==> flow/design.v <==
module reg_word #(parameter N = 8) (
  input wire clk,
  input wire en,
  input wire [N-1:0] d,
  output reg [N-1:0] q
);
  always @(posedge clk)
    if (en) q <= d;
endmodule
module dp_reg_file_v2 #(
  parameter ENTRIES = 10,
  parameter DATA_W = 12,
  parameter N_READ = 1,
  parameter ADDR_W = $clog2(ENTRIES)
) (
  input  wire aclk,
  input  wire wr_i,
  input  wire [ADDR_W-1:0] wr_idx_i,
  input  wire [DATA_W-1:0] write_data_i,
  input  wire [N_READ*ADDR_W-1:0] rsel_i,
  output wire [N_READ*DATA_W-1:0] dout_o
);
  reg wr_ff;
  reg [ADDR_W-1:0] wr_idx_ff;
  reg [DATA_W-1:0] write_data_ff;
  always @(posedge aclk) begin
    wr_ff <= wr_i;
    wr_idx_ff <= wr_idx_i;
    write_data_ff <= write_data_i;
  end
  wire [ENTRIES*DATA_W-1:0] mem;
  genvar k;
  generate
    for (k = 0; k < ENTRIES; k = k + 1) begin : lane
      reg_word #(.N(DATA_W)) u (.clk(aclk), .en(wr_ff && wr_idx_ff == k), .d(write_data_ff), .q(mem[k*DATA_W +: DATA_W]));
    end
  endgenerate
  reg [N_READ*ADDR_W-1:0] rsel_ff;
  always @(posedge aclk) begin
    rsel_ff <= rsel_i;
  end
  wire [N_READ*DATA_W-1:0] nxt;
  genvar gj;
  generate
    for (gj = 0; gj < N_READ; gj = gj + 1) begin : g_bit
      assign nxt[gj*DATA_W +: DATA_W] = mem[rsel_ff[gj*ADDR_W +: ADDR_W]*DATA_W +: DATA_W];
    end
  endgenerate
  reg [N_READ*DATA_W-1:0] dout_ff;
  always @(posedge aclk) begin
    dout_ff <= nxt;
  end
  assign dout_o = dout_ff;
endmodule
Tool chain data of dp_reg_file_v2:

The steps from the RTL of dp_reg_file_v2 to its reports follow in flow order.
Lines are those of the file above, counted from 1.
Cell names lack the library's common part.
A cell with n/a has no value.

* design top: dp_reg_file_v2
* clock port: aclk
* cell library: sky130hd
* timing corner: tt_025C_1v80

Word level:

Yosys after proc, flatten, opt, wreduce and memory -nomap, before mapping. Enables and synchronous resets that opt folds into registers are not counted as muxes. Memory bits, and registers merged into a memory's read port (data or address), are not among the register bits. Print and check cells are not counted. Equal cells are merged and count once.

* register bits after elaboration: 153
* input port bits: 22
* output and inout bits: 12
* cells after elaboration: 37

* multiply operators: 1
* eq/ne operators: 9
* shift operators: 1
* reductions and logical operators: 11

Operators by type and width (number)
* variable part select 120 x 9 -> 12 bit: 1
* == test 4 x 3 -> 1 bit with constant B: 4
* multiplier 4 x 2 -> 6 bit with constant B: 1
* logical AND 1 bit: 10
* == test 4 x 2 -> 1 bit with constant B: 2
* == test 4 bit with constant B: 2
* == test 4 x 1 -> 1 bit with constant B: 1
* logical NOT 4 bit: 1

Longest topological paths:

Longest topological path by Yosys (ltp), each cell counted once; first at word level (registers and memories cut), then after technology mapping (sequential cells cut; the memories' decode and read muxes count).

* depth after elaboration: 2
* ABC_AREA: 0
* gate-level depth with buffers: 5
* mapped depth without buffers: 3

Synthesis result:

The flow's flattened synthesis, as Yosys stat reports it; memories are mapped. The netlist is that of the ABC_AREA named above (0 if unset); the other value can give another one.
Totals and module areas in this step are rounded.

Cells by type
* edfxtp_1: number 120, area in all 3.6E+03 sq um
* dfxtp_1: number 33, area in all 660.634 sq um
* mux2_2: number 36, area in all 405.389 sq um
* mux4_2: number 7, area in all 157.651 sq um
* mux4_1: number 5, area in all 131.376 sq um
* o31ai_1: number 11, area in all 82.579 sq um
* o22ai_1: number 12, area in all 75.072 sq um
* nor2_1: number 19, area in all 71.318 sq um
* nand2_1: number 14, area in all 52.55 sq um
* buf_2: number 5, area in all 25.024 sq um
* buf_6: number 2, area in all 22.522 sq um
* buf_12: number 1, area in all 20.019 sq um
* nand2b_1: number 3, area in all 18.768 sq um
* nand3b_1: number 2, area in all 15.014 sq um
* nor3_1: number 3, area in all 15.014 sq um
* o31ai_2: number 1, area in all 12.512 sq um
* or3b_2: number 1, area in all 8.758 sq um
* buf_4: number 1, area in all 7.507 sq um

Other cell types: 2; their cells: 3.

* cell count: 279
* chip area (Yosys): 0.0054 sq mm
* sequential part of the area: 0.0043 sq mm
* mapped flip-flops: 153
* buffer cells: 11

By module: a second synthesis without flattening, with its own total; a netlist apart from the flattened one above.

* cell total of the unflattened synthesis: 279
* area total of the unflattened synthesis: 0.0054 sq mm

Rows give one instance, submodules left out.

By module
* reg_word (N=12): instances 10, cells 12, area 0.00036 sq mm, seq. area 0.00036 sq mm
* dp_reg_file_v2: instances 1, cells 159, area 0.0018 sq mm, seq. area 0.00066 sq mm

Path before layout:

OpenSTA on the mapped netlist: ideal clock, no wires. The path of least setup slack (recovery checks aside). Input and output delay are each 20% of the period. Register names are those of the netlist, which keeps one name where synthesis merged equal registers.

* path kind: flip-flop to flip-flop
* start point: register wr_ff
* end point: register lane[0].u.q[0]
* clock period: 2600 ps
* setup time: 396 ps
* time at the first pin: 0 ps
* arrival: 1682 ps
* required time: 2204 ps
* slack: 522 ps
* delay of the path: 2078 ps
* stages: 3
* buffers on the path: 0
* synthesis period reached: 2078 ps

"delay of the path" is the arrival time less input delay plus setup time.
"stages" counts driving pins, that of a launching flip-flop among them; a cell with two outputs on the path counts twice.
"synthesis period reached" = period - worst setup slack (recovery checks aside). The figure is calculated, with input and output delays left at 20% of the set period.
The rows between start and end are the longest chain of elaborated cells between them; the timing report does not say that the signal goes this way. Where chains are equally long, one stands for them.
A line is the first line of the expression or statement that the cell stems from. Yosys adds cells for indexed reads and writes and turns some case tables into memories.

* cell sequence: dfxtp_1 -> or3b_2 -> nor3_1
* length of the longest elaborated chain: 1
* elaborated cells on any way between the ends: 1
* source lines of those cells: 1
* classes of those cells: reduce/logical: 1

Ends and longest elaborated chain, post-synthesis
* from (decl): line 23 `reg wr_ff;`
* from (assign): line 27 `wr_ff <= wr_i;`
* logical AND 1 bit: line 35 `reg_word #(.N(DATA_W)) u (.clk(aclk), .en(wr_ff && wr_idx_ff == k), .d(write_data_ff), .q(mem[k*DATA_W +: DATA ...`
* to (assign): line 8 `if (en) q <= d;`
* to (decl): line 5 `output reg [N-1:0] q`

Timing after layout:

From the final timing report of stored run 1: the path of least setup slack in the routed layout; clock arrival at registers is part of the times.
The path's times are printed in steps of 10 ps; the period is the one set.

* path kind: flip-flop to output port
* start point: register dout_ff[10]
* end point: output port dout_o[10]
* clock period: 2470 ps
* external output delay: 490 ps
* time at the first pin: 410 ps
* arrival: 1290 ps
* required time: 1980 ps
* slack: 690 ps
* stages: 2
* buffers on the path: 1

* cell sequence: dfxtp_1 -> clkdlybuf4s50_1
* length of the longest elaborated chain: 0
* elaborated cells on any way between the ends: 0
* source lines of those cells: 0

Ends and longest elaborated chain, after layout
* from (decl): line 49 `reg [N_READ*DATA_W-1:0] dout_ff;`
* from (assign): line 51 `dout_ff <= nxt;`
* to (decl): line 21 `output wire [N_READ*DATA_W-1:0] dout_o`

Subject: flow runs of dp_reg_file_v2

Hi,

Measured results for dp_reg_file_v2: 3 stored runs of the Yosys and OpenROAD flow on sky130hd. The settings differ; the order carries no meaning. The constraints put input and output delay at 20% of the set period each and load the outputs with 0.01 pF.
"period achieved" = clock period - worst setup slack. The figure is calculated, with input and output delays left at 20% of the set period.
"time used up by the worst setup path": the worst setup path's part of the clock period (all of it between registers, 20% less for each end at a port) less its slack. A launch clock that arrives late makes it longer, a capture clock that arrives late makes it shorter.
"power consumption" rests on the timing tool's default activity at the inputs, not on a simulated workload.
"time used up by the worst setup path" is known to 10 ps.
The results are shown rounded.

### Stored run 1

Settings: `period_ns=2.47`, `CORE_UTILIZATION=56`, `SETUP_SLACK_MARGIN=-0.23`, `PLACE_DENSITY=0.62`, `CORE_ASPECT_RATIO=1.58`, `CORE_MARGIN=10`, `CELL_PAD_IN_SITES_GLOBAL_PLACEMENT=3`, `TNS_END_PERCENT=30`, `CAP_MARGIN=10`, `MAX_ROUTING_LAYER=met5`, `SLEW_MARGIN=20`

- Cell area after synthesis: 0.0054 sq mm
- Die area: 0.014 sq mm
- Std-cell area (final layout): 0.0065 sq mm
- Utilization after layout: 0.68
- Worst setup slack after layout: 690 ps
- Total negative slack: 0 ps
- Worst hold slack in the final report: 510 ps
- Power consumption: 0.0056 W
- Period achieved: 1782 ps
- Time used up by the worst setup path: 1290 ps
- Critical path type: flip-flop to output port

### Stored run 2

Settings: `period_ns=1.75`, `CORE_UTILIZATION=26`, `SETUP_SLACK_MARGIN=0.42`, `PLACE_DENSITY_LB_ADDON=0.02`, `CORE_MARGIN=7`, `TNS_END_PERCENT=100`, `CAP_MARGIN=20`, `SLEW_MARGIN=20`

- Cell area after synthesis: 0.0054 sq mm
- Die area: 0.025 sq mm
- Std-cell area (final layout): 0.0076 sq mm
- Utilization after layout: 0.37
- Worst setup slack after layout: 260 ps
- Total negative slack: 0 ps
- Worst hold slack in the final report: 370 ps
- Power consumption: 0.0088 W
- Period achieved: 1490 ps
- Time used up by the worst setup path: 1490 ps
- Critical path type: flip-flop to flip-flop

### Stored run 3

Settings: `period_ns=2.6`, `CAP_MARGIN=20`, `CORE_MARGIN=2`, `CORE_UTILIZATION=40`, `SLEW_MARGIN=20`

- Cell area after synthesis: 0.0054 sq mm
- Die area: 0.014 sq mm
- Std-cell area (final layout): 0.0066 sq mm
- Utilization after layout: 0.5
- Worst setup slack after layout: 790 ps
- Total negative slack: 0 ps
- Worst hold slack in the final report: 540 ps
- Power consumption: 0.0054 W
- Period achieved: 1808 ps
- Time used up by the worst setup path: 1290 ps
- Critical path type: flip-flop to output port

Regards
